==> flow/design.v <==
module cpu_compare_n #(
  parameter integer DWIDTH = 32
) (
  input logic sys_clk,
  input logic [DWIDTH-1:0] op_a_in,
  input logic [DWIDTH-1:0] op_b_in,
  output logic is_gt_out
);
  logic [DWIDTH:0] cc;
  assign cc[0] = 1'b0;
  for (genvar gi = 0; gi < DWIDTH; gi++) begin : lane
    assign cc[gi+1] = (op_a_in[gi] ^ op_b_in[gi]) ? op_a_in[gi] : cc[gi];
  end
  always_ff @(posedge sys_clk) begin
    is_gt_out <= cc[DWIDTH];
  end
endmodule
Step by step through the tools: cpu_compare_n
The steps from the RTL of cpu_compare_n to its reports follow in flow order.
Line numbers count from 1 in the design file above.
Operators: Yosys type, input widths -> output width; for muxes data width and select width s.
Library cell names are shortened.
{"block": "setup", "top_module": "cpu_compare_n", "clock_port": "sys_clk", "lib": "sky130hd", "pvt_corner": "tt_025C_1v80"}

Word-level counts
Source: Yosys, flattened and elaborated, memories not mapped. Widths are those after wreduce; folded enables and synchronous resets count as part of the registers. Registers that Yosys merges into a memory's read port (data or address) are not register bits. Print and check cells do not count. Equal cells are merged and count once.
{"block": "word_totals", "rom_bits": 0, "register_bits": 1, "n_memories": 0, "clocked_rd_ports_x_width": 0, "wordCells": 65, "ram_bits": 0, "input_bits": 65, "output_inout_bits": 1, "latchBits": 0}
{"block": "classes", "equal": 0, "compare": 0, "n_mul": 0, "mux": 32, "div_mod_pow": 0, "n_logic": 32, "reduce_and_logical": 0, "n_shift": 0, "n_addsub": 0}
{"block": "op_table", "op": "$xor 1x1->1", "n": 32}
{"block": "op_table", "op": "$mux 1", "n": 32}

Logic depth
Depth = most cells in a row (Yosys ltp): at word level without a register or memory, in the mapped netlist without a sequential cell, where the memories' decode and read muxes count.
{"block": "depth", "word_depth": 33, "ABC_AREA": 0, "ltp_mapped": 6, "depth_no_buf": 6}

After synthesis
Yosys stat after the flow's synthesis: flattened, memories mapped to cells. It holds for the ABC_AREA given above (unset counts as 0); a run with the other value may have another netlist.
The area totals of this step are shown rounded.
{"block": "mapped", "buf_cells": 0, "stdcells": 92, "ffs": 1, "yosys_area_um2": 626.9, "sequential_area_um2": 20.0}
{"block": "types", "type": "inv_1", "n": 27, "area_total_um2": 101.347}
{"block": "types", "type": "a2111oi_4", "n": 2, "area_total_um2": 55.053}
{"block": "types", "type": "nand2b_1", "n": 7, "area_total_um2": 43.792}
{"block": "types", "type": "a22oi_1", "n": 5, "area_total_um2": 37.536}
{"block": "types", "type": "nor2b_1", "n": 5, "area_total_um2": 31.28}
{"block": "types", "type": "a221oi_2", "n": 2, "area_total_um2": 30.029}
{"block": "types", "type": "nor2b_4", "n": 2, "area_total_um2": 27.526}
{"block": "types", "type": "nand2_1", "n": 7, "area_total_um2": 26.275}
{"block": "types", "type": "o22ai_1", "n": 4, "area_total_um2": 25.024}
{"block": "types", "type": "dfxtp_1", "n": 1, "area_total_um2": 20.019}
{"block": "types", "type": "maj3_1", "n": 2, "area_total_um2": 20.019}
{"block": "types", "type": "o221ai_1", "n": 2, "area_total_um2": 17.517}
{"block": "types", "type": "o2111ai_2", "n": 1, "area_total_um2": 15.014}
{"block": "types", "type": "o211ai_1", "n": 2, "area_total_um2": 15.014}
{"block": "types", "type": "o21ai_0", "n": 3, "area_total_um2": 15.014}
{"block": "types", "type": "maj3_2", "n": 1, "area_total_um2": 11.261}
{"block": "types", "type": "o221a_2", "n": 1, "area_total_um2": 11.261}
{"block": "types", "type": "a21oi_1", "n": 2, "area_total_um2": 10.01}
Other cell types: 15; their cells: 16.

Worst setup path after synthesis
OpenSTA on the mapped netlist: ideal clock, no wires. The path of least setup slack (recovery checks aside). Input and output delay are each 20% of the period. Register names are those of the netlist, which keeps one name where synthesis merged equal registers.
{"block": "synth_path", "kind": "in2reg", "start": "in op_a_in[0]", "end": "reg is_gt_out", "setup_ps": 121, "slack_ps": 277, "n_path_buf": 0, "driving_pins": 6, "input_delay_ps": 350, "delay_ps": 1123, "launch_ps": 350, "required_time_ps": 1629, "arrival_time_ps": 1352, "clock_period_ps": 1750, "period_less_setup_slack_ps": 1473}
"delay_ps" is the arrival time less input delay plus setup time.
"driving_pins": output pins that drive a net of the path, with the launching flip-flop's if there is one; two outputs of one cell count as two.
"period_less_setup_slack_ps" = period - worst setup slack (recovery checks aside). The figure is calculated, with input and output delays left at 20% of the set period.
Between the ends stands the longest chain of elaborated cells between them, by number of cells; it is not shown to be the way that was timed. Of several equally long chains one is given.
A line is the first line of the expression or statement that the cell stems from. Yosys adds cells for indexed reads and writes and turns some case tables into memories.
{"block": "synth_via", "path_cell_list": "nor2b_4 -> maj3_2 -> a221oi_2 -> o211ai_1 -> a221oi_2 -> o21ai_1", "elab_chain_cells": 33, "cells_between": 33, "cone_lines": 1, "cone_classes": "32 x mux; 1 x logic"}
{"block": "synth_rtl", "item": "start, declared", "line": 5, "source": "input logic [DWIDTH-1:0] op_a_in,"}
{"block": "synth_rtl", "item": "$xor 1x1->1", "line": 12, "source": "assign cc[gi+1] = (op_a_in[gi] ^ op_b_in[gi]) ? op_a_in[gi] : cc[gi];"}
{"block": "synth_rtl", "item": "$mux 1 x32", "line": 12}
{"block": "synth_rtl", "item": "end, assigned", "line": 15, "source": "is_gt_out <= cc[DWIDTH];"}
{"block": "synth_rtl", "item": "end, declared", "line": 7, "source": "output logic is_gt_out"}

Worst path after layout
Path of least setup slack in the final report of flow run B (OpenROAD, finished layout, wires in). Where an end is a register, its clock arrival counts in the times.
The report prints the path's times to 10 ps; the period is as set.
{"block": "layout_path", "kind": "in2reg", "start": "in op_b_in[4]", "end": "reg is_gt_out", "required_time_ps": 1700, "slack_ps": 130, "clock_period_ps": 1820, "launch_ps": 360, "input_delay_ps": 360, "arrival_time_ps": 1570, "n_path_buf": 1, "driving_pins": 6, "setup_ps": 120}
Between the ends stands the longest chain of elaborated cells between them, by number of cells; it is not shown to be the way that was timed. Of several equally long chains one is given.
{"block": "layout_via", "path_cell_list": "clkdlybuf4s50_1 -> inv_1 -> a22oi_1 -> o211ai_1 -> a221oi_2 -> o21ai_1", "elab_chain_cells": 29, "cells_between": 29, "cone_lines": 1, "cone_classes": "28 x mux; 1 x logic"}
{"block": "layout_rtl", "item": "start, declared", "line": 6, "source": "input logic [DWIDTH-1:0] op_b_in,"}
{"block": "layout_rtl", "item": "$xor 1x1->1", "line": 12, "source": "assign cc[gi+1] = (op_a_in[gi] ^ op_b_in[gi]) ? op_a_in[gi] : cc[gi];"}
{"block": "layout_rtl", "item": "$mux 1 x28", "line": 12}
{"block": "layout_rtl", "item": "end, assigned", "line": 15, "source": "is_gt_out <= cc[DWIDTH];"}
{"block": "layout_rtl", "item": "end, declared", "line": 7, "source": "output logic is_gt_out"}

Data sheet: physical implementation of cpu_compare_n

Top module cpu_compare_n; platform sky130hd; tools Yosys and OpenROAD; 3 stored runs in no particular order. Input and output delays are each 20% of the period that was set; the output load is 0.01 pF.
"timing.achieved_period_ps" = clock period - worst setup slack. The figure is calculated, with input and output delays left at 20% of the set period.
"worst_setup_path_time_ps" is the time allowed to the run's worst setup path (the clock period less input and output delay, where it has them) less its slack. Clock arrival times count: a late capture clock shortens it, a late launch clock lengthens it.
"power.total_mw": no workload was simulated; the value follows from the tool's default switching activity.
"worst_setup_path_time_ps" is known to 10 ps.
The results are shown rounded.

{"run": "flow run A", "settings": { "period_ns": 1.75, "CAP_MARGIN": 20, "CORE_MARGIN": 2, "CORE_UTILIZATION": 40, "SLEW_MARGIN": 20 }, "outcome": "not finished: clock tree synthesis ended with error DPL-0033"}
{"run": "flow run B", "settings": { "period_ns": 1.82, "CORE_UTILIZATION": 34, "SETUP_SLACK_MARGIN": 0.08, "PLACE_DENSITY_LB_ADDON": 0.23, "CORE_MARGIN": 10, "GPL_ROUTABILITY_DRIVEN": 0, "CTS_CLUSTER_SIZE": 21, "SLEW_MARGIN": 30, "CAP_MARGIN": 20 }, "results": { "worst_setup_path_time_ps": 1320, "worst_setup_path_type": "in2reg", "layout_stdcell_area_um2": 1460, "worst_setup_slack_ps": 132, "timing.setup.tns_ps": 0, "power.total_mw": 0.3368, "fin_hold_ws_ps": 808, "synth_area_um2": 626.9, "timing.achieved_period_ps": 1688, "finalUtil_pct": 83.7, "die_um2": 3961 }}
{"run": "flow run C", "settings": { "period_ns": 1.02, "CORE_UTILIZATION": 64, "SETUP_SLACK_MARGIN": 0.1, "PLACE_DENSITY_LB_ADDON": 0.05, "CORE_ASPECT_RATIO": 1.03, "CELL_PAD_IN_SITES_GLOBAL_PLACEMENT": 0, "GPL_ROUTABILITY_DRIVEN": 0, "CTS_CLUSTER_SIZE": 87, "SLEW_MARGIN": 40, "MIN_ROUTING_LAYER": "met2", "MAX_ROUTING_LAYER": "met5", "CAP_MARGIN": 20, "CORE_MARGIN": 2 }, "outcome": "not finished: placement ended with error FLW-0024"}
